==> flow/design.v <==
module summer_stage #(
    parameter integer DW = 112
) (
    input clk,
    input valid,
    input [DW-1:0] i_u,
    input [DW-1:0] i_v,
    output reg [DW:0] o_o
);
    reg [DW-1:0] r_u;
    reg [DW-1:0] r_v;
    always @(posedge clk) begin
        if (valid) begin
            r_u <= i_u;
            r_v <= i_v;
        end
    end
    localparam LO_W = DW / 2;
    reg [LO_W:0] r_lo;
    reg [DW-LO_W-1:0] r_u_hi;
    reg [DW-LO_W-1:0] r_v_hi;
    always @(posedge clk) begin
        if (valid) begin
            r_lo <= r_u[LO_W-1:0] + r_v[LO_W-1:0];
            r_u_hi <= r_u[DW-1:LO_W];
            r_v_hi <= r_v[DW-1:LO_W];
        end
    end
    wire [DW-LO_W:0] msb = r_u_hi + r_v_hi + r_lo[LO_W];
    always @(posedge clk) begin
        if (valid) begin
            o_o <= {msb, r_lo[LO_W-1:0]};
        end
    end
endmodule
== Reports on summer_stage ==
What the tools print for summer_stage, step after step.
Lines are those of the file above, counted from 1.
Library cell names are shortened.
A cell with n/a has no value.

* Top: summer_stage
* Clock input: clk
* Cell library: sky130hd
* Timing corner: tt_025C_1v80

== Word-level counts ==
Yosys after proc, flatten, opt, wreduce and memory -nomap, before mapping. Enables and synchronous resets that opt folds into registers are not counted as muxes. Memory bits, and registers merged into a memory's read port (data or address), are not among the register bits. Print and check cells are not counted. Equal cells are merged and count once.

* Add/subtract/negate cells: 3

{| class="wikitable"
|+ Operators by type and width
! kind !! number
|-
| 56-bit by 56-bit adder with 57-bit output || 2
|-
| 57-bit by 1-bit adder with 57-bit output || 1
|}

* Output and inout port bits: 113
* Word-level cells: 9
* Register bits: 506

== Depth ==
Longest topological path by Yosys (ltp), each cell counted once; first at word level (registers and memories cut), then after technology mapping (sequential cells cut; the memories' decode and read muxes count).

* Depth after elaboration: 2
* ABC_AREA: 0
* Gate-level depth with buffers: 11
* Gate-level depth less buffers: 11

== Synthesis result ==
Yosys stat after the flow's synthesis: flattened, memories mapped to cells. It holds for the ABC_AREA given above (unset counts as 0); a run with the other value may have another netlist.

* Buffers: 40
* Mapped flip-flops: 506
* Standard cells after synthesis: 1436
* Sequential area: 15194.6 um2
* Mapped area: 21471.8 um2

{| class="wikitable"
|+ Cell types
! type !! number !! area in all (um2)
|-
| edfxtp_1 || 506 || 1.52E+04
|-
| ha_1 || 111 || 1.39E+03
|-
| a21oi_1 || 132 || 660.634
|-
| xnor2_1 || 59 || 516.746
|-
| a21o_1 || 65 || 487.968
|-
| xor2_1 || 47 || 411.645
|-
| o21ai_0 || 74 || 370.355
|-
| nand2_1 || 90 || 337.824
|-
| nor2_1 || 59 || 221.462
|-
| nand4_1 || 27 || 168.912
|-
| o21bai_1 || 21 || 157.651
|-
| clkbuf_1 || 39 || 146.39
|-
| nand3_1 || 22 || 110.106
|-
| inv_1 || 26 || 97.594
|-
| a31oi_1 || 14 || 87.584
|-
| nor3_1 || 14 || 70.067
|-
| a211oi_1 || 9 || 67.565
|-
| o21a_1 || 9 || 67.565
|}

Other cell types: 44; their cells: 112.

== Timing after synthesis ==
Source: OpenSTA report_checks on the synthesized netlist (no wires, ideal clock, input and output delay 20% of the period each), path of least setup slack; recovery checks are left aside. Register names are those of the netlist, which keeps one name where synthesis merged equal registers.

* Path kind: reg-to-reg
* Start: register r_lo[56]
* End: register o_o[112]
* Path delay: 3277 ps
* Driving pins on the path: 12
* Path slack: 823 ps
* Data required time: 3839 ps
* Setup time: 261 ps
* Time at the first pin: 0 ps
* Clock period: 4100 ps
* Data arrival time: 3016 ps
* Synthesis period reached: 3277 ps

"path delay" is the arrival time less input delay plus setup time.
"driving pins on the path" counts driving pins, that of a launching flip-flop among them; a cell with two outputs on the path counts twice.
"synthesis period reached" = period - worst setup slack (recovery checks aside). The figure is calculated, with input and output delays left at 20% of the set period.
The rows between start and end are the longest chain of elaborated cells between them; the timing report does not say that the signal goes this way. Where chains are equally long, one stands for them.
A line is the first line of the expression or statement that the cell stems from. Yosys adds cells for indexed reads and writes and turns some case tables into memories.

* Cells stage by stage: edfxtp_1 fa_1 fa_1 a21o_1 a221oi_1 o21a_1 a21oi_1 nand3_1 and2_1 o311a_1 o21ai_1 a311o_1
* Length of the longest elaborated chain: 1
* Elaborated cells on any way between the ends: 1
* Source lines of those cells: 1

{| class="wikitable"
|+ Ends and longest elaborated chain, after synthesis
! what !! RTL line !! source
|-
| from (decl) || 19 || <nowiki>reg [LO_W:0] r_lo;</nowiki>
|-
| from (assign) || 24 || <nowiki>r_lo <= r_u[LO_W-1:0] + r_v[LO_W-1:0];</nowiki>
|-
| 57-bit by 1-bit adder with 57-bit output || 29 || <nowiki>wire [DW-LO_W:0] msb = r_u_hi + r_v_hi + r_lo[LO_W];</nowiki>
|-
| to (assign) || 32 || <nowiki>o_o <= {msb, r_lo[LO_W-1:0]};</nowiki>
|-
| to (decl) || 8 || <nowiki>output reg [DW:0] o_o</nowiki>
|}

== Timing after layout ==
Path of least setup slack in the final report of flow run B (OpenROAD, finished layout, wires in). Where an end is a register, its clock arrival counts in the times.
The path's times are printed in steps of 10 ps; the period is the one set.

* Path kind: reg-to-reg
* Start: register r_lo[56]
* End: register o_o[112]
* Time at the first pin: 590 ps
* Setup time: 250 ps
* Driving pins on the path: 12
* Clock period: 4100 ps
* Path slack: 220 ps
* Data arrival time: 4220 ps
* Data required time: 4440 ps

The rows between start and end are the longest chain of elaborated cells between them; the timing report does not say that the signal goes this way. Where chains are equally long, one stands for them.

* Cells stage by stage: edfxtp_1 fa_1 fa_1 a21o_1 a221oi_1 o21a_1 a21oi_1 nand3_1 and2_1 o311a_1 o21ai_1 a311o_1
* Length of the longest elaborated chain: 1
* Elaborated cells on any way between the ends: 1
* Source lines of those cells: 1

{| class="wikitable"
|+ Ends and longest elaborated chain, post-layout
! what !! RTL line !! source
|-
| from (decl) || 19 || <nowiki>reg [LO_W:0] r_lo;</nowiki>
|-
| from (assign) || 24 || <nowiki>r_lo <= r_u[LO_W-1:0] + r_v[LO_W-1:0];</nowiki>
|-
| 57-bit by 1-bit adder with 57-bit output || 29 || <nowiki>wire [DW-LO_W:0] msb = r_u_hi + r_v_hi + r_lo[LO_W];</nowiki>
|-
| to (assign) || 32 || <nowiki>o_o <= {msb, r_lo[LO_W-1:0]};</nowiki>
|-
| to (decl) || 8 || <nowiki>output reg [DW:0] o_o</nowiki>
|}

## Implementation results

Settings and measured results of 3 stored flow runs for module summer_stage (sky130hd), not sorted in any way. The constraints put input and output delay at 20% of the set period each and load the outputs with 0.01 pF.
By "time on the worst setup path" is meant the share of the clock period that the worst setup path is allowed (20% is reserved at inputs, 20% at outputs), minus its slack. Clock arrival times at its registers enter into it.
"time on the worst setup path" is known to 10 ps.

=== Flow run A ===
{| class="wikitable"
! Setting !! Value
|-
| period_ns || 3.97
|-
| CORE_UTILIZATION || 52
|-
| SETUP_SLACK_MARGIN || 0.34
|-
| PLACE_DENSITY || 0.91
|-
| CORE_MARGIN || 4
|-
| CELL_PAD_IN_SITES_GLOBAL_PLACEMENT || 3
|-
| CELL_PAD_IN_SITES_DETAIL_PLACEMENT || 1
|-
| TNS_END_PERCENT || 25
|-
| ABC_AREA || 1
|-
| MAX_ROUTING_LAYER || met4
|-
| CAP_MARGIN || 20
|-
| SLEW_MARGIN || 20
|}
Not finished: placement ended with error GPL-0301.

=== Flow run B ===
{| class="wikitable"
! Setting !! Value
|-
| period_ns || 4.1
|-
| CAP_MARGIN || 20
|-
| CORE_MARGIN || 2
|-
| CORE_UTILIZATION || 40
|-
| SLEW_MARGIN || 20
|-
! Result !! Value
|-
| Smallest setup slack || 220 ps
|-
| Yosys chip area after synthesis || 21471.8 um2
|-
| Post-route worst hold slack || 414 ps
|-
| Standard-cell area after layout || 27587.7 um2
|-
| Time on the worst setup path || 3880 ps
|-
| Worst setup path type || reg-to-reg
|-
| Area of the die || 55549.8 um2
|}

=== Flow run C ===
{| class="wikitable"
! Setting !! Value
|-
| period_ns || 4.2
|-
| CORE_UTILIZATION || 59
|-
| SETUP_SLACK_MARGIN || -0.36
|-
| CORE_MARGIN || 9
|-
| CELL_PAD_IN_SITES_GLOBAL_PLACEMENT || 0
|-
| CTS_CLUSTER_SIZE || 81
|-
| CAP_MARGIN || 15
|-
| SLEW_MARGIN || 35
|-
! Result !! Value
|-
| Smallest setup slack || 403 ps
|-
| Yosys chip area after synthesis || 21471.8 um2
|-
| Post-route worst hold slack || 409 ps
|-
| Standard-cell area after layout || 27172.3 um2
|-
| Time on the worst setup path || 3800 ps
|-
| Worst setup path type || reg-to-reg
|-
| Area of the die || 43584.9 um2
|}
